==> flow/design.v <==
module dp_scratch_v2 #(
  parameter int D = 32,
  parameter int DATA_W = 20,
  parameter int IDX_W = $clog2(D)
) (
  input  logic clk,
  input  logic i_wr,
  input  logic [IDX_W-1:0] i_wr_addr,
  input  logic [DATA_W-1:0] i_din,
  input  logic [IDX_W-1:0] i_read_addr_a,
  input  logic [IDX_W-1:0] i_read_addr_b,
  output logic [DATA_W-1:0] o_dout_a,
  output logic [DATA_W-1:0] o_dout_b
);
  logic wr_r;
  logic [IDX_W-1:0] wr_addr_r;
  logic [DATA_W-1:0] din_r;
  logic [DATA_W-1:0] rf [0:D-1];
  always_ff @(posedge clk) begin
    if (wr_r && wr_addr_r != 0)
      rf[wr_addr_r] <= din_r;
  end
  logic [IDX_W-1:0] read_addr_a_r;
  logic [IDX_W-1:0] read_addr_b_r;
  assign o_dout_a = (read_addr_a_r == 0) ? {DATA_W{1'b0}} : rf[read_addr_a_r];
  assign o_dout_b = (read_addr_b_r == 0) ? {DATA_W{1'b0}} : rf[read_addr_b_r];
  always_ff @(posedge clk) begin
    wr_r <= i_wr;
    wr_addr_r <= i_wr_addr;
    din_r <= i_din;
    read_addr_a_r <= i_read_addr_a;
    read_addr_b_r <= i_read_addr_b;
  end
endmodule
## From RTL to reports: dp_scratch_v2

What the tools print for dp_scratch_v2, step after step.
Line numbers count from 1 in the design file above.
Library cell names are shortened.
A cell with - has no value.

| design | value |
|---|---|
| design top | dp_scratch_v2 |
| clock port | clk |
| standard-cell library | sky130hd |
| corner | tt_025C_1v80 |

## After elaboration

Counts by Yosys on the flattened word-level netlist (proc, flatten, opt, wreduce; memories kept). Print and check cells are left out. Cells with the same type and inputs are merged into one.
Yosys's memory passes give these memory sizes; they may raise the number of words (mostly to a power of two), join words into wider ones and drop unused or constant bits.

| bit counts | value |
|---|---|
| flip-flop bits (word level) | 36 |
| RAM bits | 640 |
| word width x clocked read ports | 40 |
| memory cells | 1 |
| output and inout bits | 40 |
| elaborated cells | 15 |

| cells by class | value |
|---|---|
| mux-type cells | 5 |
| reduce/logical cells | 4 |

Memories:

| memory | depth | width | read ports | write ports | RTL line | text |
|---|---|---|---|---|---|---|
| rf | 32 | 20 | 2 | 1 | 18 | `logic [DATA_W-1:0] rf [0:D-1];` |

Operators with widths:

| kind | number |
|---|---|
| 20-bit two-way mux | 3 |
| 5-bit zero test | 2 |
| 5-bit nonzero test | 1 |
| 5-bit two-way mux | 1 |
| 1-bit logical AND | 1 |
| 1-bit two-way mux | 1 |

## Logic depth

Depth = most cells in a row (Yosys ltp): at word level without a register or memory, in the mapped netlist without a sequential cell, where the memories' decode and read muxes count.

| logic depth | value |
|---|---|
| word-level depth | 3 |
| ABC_AREA | 0 |
| mapped depth | 8 |

## Mapped cells and area

Yosys stat after the flow's synthesis: flattened, memories mapped to cells. It holds for the ABC_AREA given above (unset counts as 0); a run with the other value may have another netlist.
The area totals of this step are shown rounded.

| mapped netlist | value |
|---|---|
| mapped cells | 1492 |
| synthesis area | 30200 sq um |
| sequential part of the area | 19940 sq um |
| flip-flops | 676 |
| buffer cells | 117 |

Cells by type:

| type | number | total area (sq um) |
|---|---|---|
| edfxtp_1 | 640 | 1.92E+04 |
| mux4_2 | 270 | 6.08E+03 |
| mux2i_1 | 81 | 810.778 |
| dfxtp_1 | 36 | 720.691 |
| mux2_2 | 37 | 416.65 |
| a22o_1 | 38 | 332.819 |
| mux4_1 | 11 | 289.027 |
| o22ai_1 | 33 | 206.448 |
| buf_6 | 18 | 202.694 |
| nor2_1 | 52 | 195.187 |
| clkbuf_1 | 50 | 187.68 |
| a211oi_1 | 23 | 172.666 |
| a221o_1 | 17 | 170.163 |
| a2111oi_0 | 17 | 148.893 |
| o221ai_1 | 17 | 148.893 |
| nor3_1 | 28 | 140.134 |
| buf_2 | 25 | 125.12 |
| buf_4 | 16 | 120.115 |

Other cell types: 22; their cells: 83.

## Timing after synthesis

OpenSTA on the mapped netlist: ideal clock, no wires. The path of least setup slack (recovery checks aside). Input and output delay are each 20% of the period. Register names are those of the netlist, which keeps one name where synthesis merged equal registers.

| path post-synthesis | value |
|---|---|
| path type | register to output |
| from | register read_addr_b_r[0] |
| to | output port o_dout_b[0] |
| period | 2930 ps |
| output delay | 586 ps |
| launch time at the first pin | 0 ps |
| arrival | 1874 ps |
| data required time | 2344 ps |
| setup slack | 470 ps |
| delay of the path | 1874 ps |
| stages | 6 |
| path buffers | 2 |
| period reached after synthesis | 2460 ps |

"delay of the path" = arrival - input delay + setup time.
At an output port there is no setup time.
"stages": output pins that drive a net of the path, with the launching flip-flop's if there is one; two outputs of one cell count as two.
"period reached after synthesis" = period - worst setup slack (recovery checks aside). The figure is calculated, with input and output delays left at 20% of the set period.
Between the ends stands the longest chain of elaborated cells between them, by number of cells; it is not shown to be the way that was timed. Of several equally long chains one is given.
A line is the first line of the expression or statement that the cell stems from. Yosys adds cells for indexed reads and writes and turns some case tables into memories.

| between the ends, post-synthesis | value |
|---|---|
| cell sequence | dfxtp_1 -> buf_4 -> buf_2 -> mux4_2 -> a2111oi_0 -> nor3_1 |
| cells in the longest elaborated chain | 2 |
| elaborated cells between the ends (all ways) | 2 |
| source lines of those cells | 1 |
| classes of those cells | mux: 1; reduce/logical: 1 |

Ends and longest elaborated chain, post-synthesis:

| element | RTL line | text |
|---|---|---|
| start, declared | 24 | `logic [IDX_W-1:0] read_addr_b_r;` |
| start, assigned | 32 | `read_addr_b_r <= i_read_addr_b;` |
| 5-bit zero test | 26 | `assign o_dout_b = (read_addr_b_r == 0) ? {DATA_W{1'b0}} : rf[read_addr_b_r];` |
| 20-bit two-way mux | 26 |  |
| end, declared | 13 | `output logic [DATA_W-1:0] o_dout_b` |

## Path in the finished layout

From the final timing report of run A: the path of least setup slack in the routed layout; clock arrival at registers is part of the times.
The path's times are printed in steps of 10 ps; the period is the one set.

| path post-layout | value |
|---|---|
| path type | register to output |
| from | register read_addr_a_r[1] |
| to | output port o_dout_a[6] |
| period | 2830 ps |
| output delay | 570 ps |
| launch time at the first pin | 660 ps |
| arrival | 3170 ps |
| data required time | 2260 ps |
| setup slack | -910 ps |
| stages | 11 |
| path buffers | 6 |

Between the ends stands the longest chain of elaborated cells between them, by number of cells; it is not shown to be the way that was timed. Of several equally long chains one is given.

| between the ends, post-layout | value |
|---|---|
| cell sequence | dfxtp_4 -> buf_16 -> buf_12 -> buf_6 -> nor2b_2 -> buf_6 -> buf_6 -> a221o_1 -> o21ai_0 -> nor2_2 -> buf_2 |
| cells in the longest elaborated chain | 2 |
| elaborated cells between the ends (all ways) | 2 |
| source lines of those cells | 1 |
| classes of those cells | mux: 1; reduce/logical: 1 |

Ends and longest elaborated chain, post-layout:

| element | RTL line | text |
|---|---|---|
| start, declared | 23 | `logic [IDX_W-1:0] read_addr_a_r;` |
| start, assigned | 31 | `read_addr_a_r <= i_read_addr_a;` |
| 5-bit zero test | 25 | `assign o_dout_a = (read_addr_a_r == 0) ? {DATA_W{1'b0}} : rf[read_addr_a_r];` |
| 20-bit two-way mux | 25 |  |
| end, declared | 12 | `output logic [DATA_W-1:0] o_dout_a,` |

Ticket comment

Module dp_scratch_v2, platform sky130hd: 3 stored runs of the flow (Yosys, OpenROAD) with differing settings, in no particular order. Input and output delays are each 20% of the period that was set; the output load is 0.01 pF.
"time of the worst setup path": the worst setup path's part of the clock period (all of it between registers, 20% less for each end at a port) less its slack. A launch clock that arrives late makes it longer, a capture clock that arrives late makes it shorter.
"power consumption" is the tool's figure for a default switching activity; nothing was simulated.
"time of the worst setup path" is known to 10 ps.
Measured values are rounded.
A setting shown as - is not set for that run.

| run name | period_ns | CORE_UTILIZATION | SETUP_SLACK_MARGIN | PLACE_DENSITY | HOLD_SLACK_MARGIN | CORE_MARGIN | CELL_PAD_IN_SITES_GLOBAL_PLACEMENT | CELL_PAD_IN_SITES_DETAIL_PLACEMENT | TNS_END_PERCENT | CAP_MARGIN | SLEW_MARGIN | PLACE_DENSITY_LB_ADDON | ABC_AREA | CTS_CLUSTER_SIZE | standard-cell area after layout (sq um) | power consumption (µW) | smallest setup slack (ps) | utilization after layout | full die area (sq um) | time of the worst setup path (ps) | worst setup path type | cell area after synthesis (sq um) |
|---|---|---|---|---|---|---|---|---|---|---|---|---|---|---|---|---|---|---|---|---|---|---|
| run A | 2.83 | 30 | 0.02 | 0.84 | 0.1 | 9 | 1 | 1 | 50 | 40 | 30 | - | - | - | 39220 | 23980 | -906 | 0.396 | 112400 | 3170 | register to output | 30200 |
| run B | 2.5 | 41 | - | - | - | 4 | - | - | 10 | 20 | 0 | 0.28 | 1 | 29 | 42810 | 27960 | -566 | 0.532 | 85710 | 2570 | register to output | 33250 |
| run C | 2.93 | 40 | - | - | - | 2 | - | - | - | 20 | 20 | - | - | - | 39010 | 22640 | -531 | 0.523 | 77720 | 2870 | register to output | 30200 |
